==> flow/design.v <==
module my_reg_file_mod_entry #(parameter N = 8) (
  input wire clk,
  input wire en,
  input wire [N-1:0] d,
  output reg [N-1:0] q
);
  always @(posedge clk)
    if (en) q <= d;
endmodule
module my_reg_file_mod (aclk, rst_i, wr_en, wa, wdata, rsel, rdata);
  parameter WORDS = 64;
  parameter WIDTH = 2;
  parameter NUM_RD = 3;
  localparam ADDR_W = $clog2(WORDS);
  input aclk;
  input rst_i;
  input wr_en;
  input [ADDR_W-1:0] wa;
  input [WIDTH-1:0] wdata;
  input [NUM_RD*ADDR_W-1:0] rsel;
  output [NUM_RD*WIDTH-1:0] rdata;
  reg wr_en_r;
  reg [ADDR_W-1:0] wa_r;
  reg [WIDTH-1:0] wdata_r;
  always @(posedge aclk) begin
    if (rst_i) begin
      wr_en_r <= 1'b0;
      wa_r <= 0;
      wdata_r <= 0;
    end else begin
      wr_en_r <= wr_en;
      wa_r <= wa;
      wdata_r <= wdata;
    end
  end
  wire [WORDS*WIDTH-1:0] store;
  genvar i;
  generate
    for (i = 0; i < WORDS; i = i + 1) begin : blk
      my_reg_file_mod_entry #(.N(WIDTH)) u (.clk(aclk), .en(wr_en_r && wa_r == i), .d(wdata_r), .q(store[i*WIDTH +: WIDTH]));
    end
  endgenerate
  reg [NUM_RD*ADDR_W-1:0] rsel_r;
  always @(posedge aclk) begin
    if (rst_i) begin
      rsel_r <= 0;
    end else begin
      rsel_r <= rsel;
    end
  end
  wire [NUM_RD*WIDTH-1:0] work;
  genvar j;
  generate
    for (j = 0; j < NUM_RD; j = j + 1) begin : each
      assign work[j*WIDTH +: WIDTH] = store[rsel_r[j*ADDR_W +: ADDR_W]*WIDTH +: WIDTH];
    end
  endgenerate
  reg [NUM_RD*WIDTH-1:0] rdata_r;
  always @(posedge aclk) begin
    if (rst_i) begin
      rdata_r <= 0;
    end else begin
      rdata_r <= work;
    end
  end
  assign rdata = rdata_r;
endmodule
Wiki page: my_reg_file_mod / tool data

### Tool chain data of my_reg_file_mod

Tool output for the members of one design family, told apart by "WIDTH", in the order of the flow.
The file above is the member WIDTH 2. Line numbers count from 1 in each member's own file.
Operators carry their Yosys type and port widths (W data, S select, Z words).
Library cell names are shortened.
Not given: --

* design top: my_reg_file_mod
* clock port: aclk
* standard-cell library: sky130hd
* corner: tt_025C_1v80

### Members of the sweep

Lines of each other member's file that are new or changed against the file above; lines that a member lacks are not shown.

Lines new or changed
* WIDTH 6: line 12 `parameter WIDTH = 6;`
* WIDTH 10: line 12 `parameter WIDTH = 10;`
* WIDTH 16: line 12 `parameter WIDTH = 16;`
* WIDTH 20: line 12 `parameter WIDTH = 20;`

### Word level

Yosys after proc, flatten, opt, wreduce and memory -nomap, before mapping. Enables and synchronous resets that opt folds into registers are not counted as muxes. Memory bits, and registers merged into a memory's read port (data or address), are not among the register bits. Print and check cells are not counted. Equal cells are merged and count once.

Word-level totals
* WIDTH 2: register bits 161, output and inout bits 6
* WIDTH 6: register bits 433, output and inout bits 18
* WIDTH 10: register bits 705, output and inout bits 30
* WIDTH 16: register bits 1113, output and inout bits 48
* WIDTH 20: register bits 1385, output and inout bits 60

Cells by class
* WIDTH 2: equality and inequality tests 63, shifts and indexed selects 3, reductions and logical operators 65, $mul 0
* WIDTH 6: equality and inequality tests 63, shifts and indexed selects 3, reductions and logical operators 65, $mul 3
* WIDTH 10: equality and inequality tests 63, shifts and indexed selects 3, reductions and logical operators 65, $mul 3
* WIDTH 16: equality and inequality tests 63, shifts and indexed selects 3, reductions and logical operators 65, $mul 0
* WIDTH 20: equality and inequality tests 63, shifts and indexed selects 3, reductions and logical operators 65, $mul 3

Operators by type and width (kinds with counts)
* WIDTH 2: $shiftx A128 B8 Y2 (3); $eq A6 B6 Y1 const B (32); $eq A6 B5 Y1 const B (16); $logic_and A1 B1 Y1 (64); $eq A6 B4 Y1 const B (8); $eq A6 B3 Y1 const B (4); $eq A6 B2 Y1 const B (2); $eq A6 B1 Y1 const B (1); $logic_not A6 Y1 (1)
* WIDTH 6: $shiftx A384 B10 Y6 (3); $eq A6 B6 Y1 const B (32); $eq A6 B5 Y1 const B (16); $logic_and A1 B1 Y1 (64); $mul A6 B2 Y8 const B (3); $eq A6 B4 Y1 const B (8); $eq A6 B3 Y1 const B (4); $eq A6 B2 Y1 const B (2); $eq A6 B1 Y1 const B (1); $logic_not A6 Y1 (1)
* WIDTH 10: $shiftx A640 B11 Y10 (3); $eq A6 B6 Y1 const B (32); $eq A6 B5 Y1 const B (16); $mul A6 B3 Y9 const B (3); $logic_and A1 B1 Y1 (64); $eq A6 B4 Y1 const B (8); $eq A6 B3 Y1 const B (4); $eq A6 B2 Y1 const B (2); $eq A6 B1 Y1 const B (1); $logic_not A6 Y1 (1)
* WIDTH 16: $shiftx A1024 B11 Y16 (3); $eq A6 B6 Y1 const B (32); $eq A6 B5 Y1 const B (16); $logic_and A1 B1 Y1 (64); $eq A6 B4 Y1 const B (8); $eq A6 B3 Y1 const B (4); $eq A6 B2 Y1 const B (2); $eq A6 B1 Y1 const B (1); $logic_not A6 Y1 (1)
* WIDTH 20: $shiftx A1280 B12 Y20 (3); $eq A6 B6 Y1 const B (32); $eq A6 B5 Y1 const B (16); $mul A6 B3 Y9 const B (3); $logic_and A1 B1 Y1 (64); $eq A6 B4 Y1 const B (8); $eq A6 B3 Y1 const B (4); $eq A6 B2 Y1 const B (2); $eq A6 B1 Y1 const B (1); $logic_not A6 Y1 (1)

### Depth

Depth = most cells in a row (Yosys ltp): at word level without a register or memory, in the mapped netlist without a sequential cell, where the memories' decode and read muxes count.

Depth
* WIDTH 2: depth in word-level cells 2, ABC_AREA 0, mapped depth 8, depth with buffers taken out 5
* WIDTH 6: depth in word-level cells 2, ABC_AREA 0, mapped depth 9, depth with buffers taken out 5
* WIDTH 10: depth in word-level cells 2, ABC_AREA 0, mapped depth 10, depth with buffers taken out 5
* WIDTH 16: depth in word-level cells 2, ABC_AREA 0, mapped depth 10, depth with buffers taken out 5
* WIDTH 20: depth in word-level cells 2, ABC_AREA 0, mapped depth 11, depth with buffers taken out 5

### Netlist

Source: synth_stat.txt of the flow (Yosys; design flattened, memories mapped). It holds for the ABC_AREA given above (unset counts as 0); a run with the other value may have another netlist.
The area totals of this step are shown rounded.

Mapped netlist
* WIDTH 2: sequential part of the area 4500 um^2, mapped flip-flops 161, buffers 38, standard cells after synthesis 529, chip area (Yosys) 8290 um^2
* WIDTH 6: sequential part of the area 12500 um^2, mapped flip-flops 433, buffers 108, standard cells after synthesis 1305, chip area (Yosys) 22600 um^2
* WIDTH 10: sequential part of the area 20500 um^2, mapped flip-flops 705, buffers 170, standard cells after synthesis 1997, chip area (Yosys) 36800 um^2
* WIDTH 16: sequential part of the area 32500 um^2, mapped flip-flops 1113, buffers 281, standard cells after synthesis 3057, chip area (Yosys) 57400 um^2
* WIDTH 20: sequential part of the area 40500 um^2, mapped flip-flops 1385, buffers 342, standard cells after synthesis 3736, chip area (Yosys) 71600 um^2

Cell types (types with counts)
* WIDTH 2: edfxtp_1 (128); mux4_2 (91); dfxtp_1 (33); nor2_1 (73); nor2b_1 (40); mux2i_1 (19); mux4_1 (7); nand3_1 (16); buf_2 (14); nand2_1 (17); o22ai_1 (9); clkbuf_1 (13); a211oi_1 (6); buf_4 (6); nand3b_1 (5); a2111oi_0 (4); buf_6 (3); a31oi_1 (5); [+40]
* WIDTH 6: edfxtp_1 (384); mux4_2 (285); dfxtp_1 (49); mux2i_1 (43); nor2_1 (91); nor2b_1 (53); o22ai_1 (33); buf_4 (26); mux2_2 (14); buf_2 (30); clkbuf_1 (37); buf_6 (12); nor3_1 (27); nand3_1 (22); nand2_1 (29); a22oi_1 (13); nand2b_1 (13); a2111oi_0 (8); [+136]
* WIDTH 10: edfxtp_1 (640); mux4_2 (493); mux2i_1 (137); dfxtp_1 (65); nor2_1 (97); nor2b_1 (52); buf_4 (41); buf_2 (59); mux2_2 (22); nand2_1 (56); clkbuf_1 (51); o22ai_1 (26); o21ai_1 (29); a22oi_1 (19); buf_6 (12); o221ai_1 (15); a21oi_1 (25); o21ai_0 (20); [+138]
* WIDTH 16: edfxtp_1 (1024); mux4_2 (755); dfxtp_1 (89); mux2i_1 (136); o22ai_1 (106); buf_4 (67); o221ai_1 (55); nor2b_1 (75); buf_2 (91); a22oi_1 (55); nor2_1 (95); a21oi_1 (67); clkbuf_1 (89); a211oi_1 (38); mux2_2 (22); nand2_1 (45); buf_6 (14); nand3_1 (29); [+205]
* WIDTH 20: edfxtp_1 (1280); mux4_2 (985); dfxtp_1 (105); mux2i_1 (148); o22ai_1 (144); mux2_2 (60); buf_2 (132); nor2b_1 (105); nor2_1 (121); clkbuf_1 (119); buf_4 (59); o221ai_1 (43); o21ai_0 (56); a221oi_1 (27); nand2b_1 (37); a21oi_1 (39); a211oi_1 (24); nand2_1 (44); [+208]

The mark [+n] counts cells that are not listed.
By module: a second synthesis without flattening, with its own total; a netlist apart from the flattened one above.

Second synthesis, totals
* WIDTH 2: cells (unflattened synthesis) 527, area total of the unflattened synthesis 8460 um^2
* WIDTH 6: cells (unflattened synthesis) 1252, area total of the unflattened synthesis 22800 um^2
* WIDTH 10: cells (unflattened synthesis) 1933, area total of the unflattened synthesis 36800 um^2
* WIDTH 16: cells (unflattened synthesis) 3034, area total of the unflattened synthesis 57700 um^2
* WIDTH 20: cells (unflattened synthesis) 3760, area total of the unflattened synthesis 71800 um^2

### Worst setup path after synthesis

OpenSTA on the mapped netlist: ideal clock, no wires. The path of least setup slack (recovery checks aside). Input and output delay are each 20% of the period. Register names are those of the netlist, which keeps one name where synthesis merged equal registers.

Path after synthesis
* WIDTH 2: path type reg2reg, from register rsel_r[0], to register rdata_r[1], clock period 2330 ps, path slack 466 ps, driving pins on the path 7, path delay 1864 ps, period reached after synthesis 1864 ps
* WIDTH 6: path type reg2reg, from register rsel_r[6], to register rdata_r[10], clock period 2530 ps, path slack 508 ps, driving pins on the path 8, path delay 2022 ps, period reached after synthesis 2022 ps
* WIDTH 10: path type reg2reg, from register rsel_r[13], to register rdata_r[20], clock period 2640 ps, path slack 526 ps, driving pins on the path 8, path delay 2113 ps, period reached after synthesis 2114 ps
* WIDTH 16: path type reg2reg, from register wr_en_r, to register blk[3].u.q[0], clock period 2820 ps, path slack 561 ps, driving pins on the path 5, path delay 2259 ps, period reached after synthesis 2259 ps
* WIDTH 20: path type reg2reg, from register wr_en_r, to register blk[3].u.q[0], clock period 3040 ps, path slack 607 ps, driving pins on the path 5, path delay 2433 ps, period reached after synthesis 2433 ps

"path delay" = arrival - input delay + setup time.
"driving pins on the path": output pins that drive a net of the path, with the launching flip-flop's if there is one; two outputs of one cell count as two.
"period reached after synthesis" is the clock period less the worst setup slack; recovery checks do not enter. This is arithmetic on one report: input and output delays are still those of the set period (20% each).
Between the ends stands the longest chain of elaborated cells between them, by number of cells; it is not shown to be the way that was timed. Of several equally long chains one is given.
Each line given opens the expression or statement behind the cell; cells for indexed reads and writes are added by Yosys, which also makes memories of some case tables.

Between the ends, after synthesis, WIDTH 2:
* cells in the longest elaborated chain: 1

Ends and longest elaborated chain, after synthesis, WIDTH 2
* from (decl): line 43 `reg [NUM_RD*ADDR_W-1:0] rsel_r;`
* from (assign): line 46 `rsel_r <= 0;`
* from (assign): line 48 `rsel_r <= rsel;`
* $shiftx A128 B8 Y2: line 55 `assign work[j*WIDTH +: WIDTH] = store[rsel_r[j*ADDR_W +: ADDR_W]*WIDTH +: WIDTH];`
* to (assign): line 61 `rdata_r <= 0;`
* to (assign): line 63 `rdata_r <= work;`
* to (decl): line 58 `reg [NUM_RD*WIDTH-1:0] rdata_r;`

Between the ends, after synthesis, WIDTH 20:
* cells in the longest elaborated chain: 1

Ends and longest elaborated chain, after synthesis, WIDTH 20
* from (decl): line 22 `reg wr_en_r;`
* from (assign): line 27 `wr_en_r <= 1'b0;`
* from (assign): line 31 `wr_en_r <= wr_en;`
* $logic_and A1 B1 Y1: line 40 `my_reg_file_mod_entry #(.N(WIDTH)) u (.clk(aclk), .en(wr_en_r && wa_r == i), .d(wdata_r), .q(store[i*WIDTH +: ...`
* to (assign): line 8 `if (en) q <= d;`
* to (decl): line 5 `output reg [N-1:0] q`

### Timing after layout

Path of least setup slack in the final report of the run of each member (OpenROAD, finished layout, wires in). Where an end is a register, its clock arrival counts in the times.
The report prints the path's times to 10 ps; the period is as set.

Path post-layout
* WIDTH 2: path type reg2reg, from register rsel_r[0], to register rdata_r[0], buffers on the path 0, driving pins on the path 6, clock period 2330 ps, path slack 130 ps, arrival 2530 ps
* WIDTH 6: path type reg2reg, from register rsel_r[1], to register rdata_r[1], buffers on the path 2, driving pins on the path 7, clock period 2530 ps, path slack 60 ps, arrival 2930 ps
* WIDTH 10: path type reg2reg, from register rsel_r[6], to register rdata_r[15], buffers on the path 4, driving pins on the path 10, clock period 2640 ps, path slack 40 ps, arrival 3200 ps
* WIDTH 16: path type reg2reg, from register rsel_r[14], to register rdata_r[33], buffers on the path 2, driving pins on the path 7, clock period 2820 ps, path slack 0 ps, arrival 3390 ps
* WIDTH 20: path type reg2reg, from register rsel_r[9], to register rdata_r[21], buffers on the path 0, driving pins on the path 6, clock period 3040 ps, path slack 0 ps, arrival 3700 ps

### Flow runs

One run of the flow (Yosys, OpenROAD) for each member, with settings and measured results. Input and output delays are each 20% of the period that was set; the output load is 0.01 pF.

* CAP_MARGIN: 20
* CORE_MARGIN: 2
* CORE_UTILIZATION: 40
* SLEW_MARGIN: 20

Settings that differ (period_ns)
* WIDTH 2: 2.33
* WIDTH 6: 2.53
* WIDTH 10: 2.64
* WIDTH 16: 2.82
* WIDTH 20: 3.04

Results
* WIDTH 2: post-synthesis cell area 8290 um^2, area inside the die boundary 21900 um^2, total power after layout 6.65 mW, utilization after routing 47.4%, lowest hold slack 531 ps, worst setup slack after layout 130 ps
* WIDTH 6: post-synthesis cell area 22600 um^2, area inside the die boundary 58400 um^2, total power after layout 16.8 mW, utilization after routing 47.6%, lowest hold slack 441 ps, worst setup slack after layout 59 ps
* WIDTH 10: post-synthesis cell area 36800 um^2, area inside the die boundary 94500 um^2, total power after layout 27.0 mW, utilization after routing 47.7%, lowest hold slack 426 ps, worst setup slack after layout 36 ps
* WIDTH 16: post-synthesis cell area 57400 um^2, area inside the die boundary 147000 um^2, total power after layout 40.2 mW, utilization after routing 48.0%, lowest hold slack 358 ps, worst setup slack after layout -2 ps
* WIDTH 20: post-synthesis cell area 71600 um^2, area inside the die boundary 182000 um^2, total power after layout 44.6 mW, utilization after routing 47.1%, lowest hold slack 149 ps, worst setup slack after layout -2 ps

"total power after layout": no workload was simulated; the value follows from the tool's default switching activity.
Measured values are rounded.
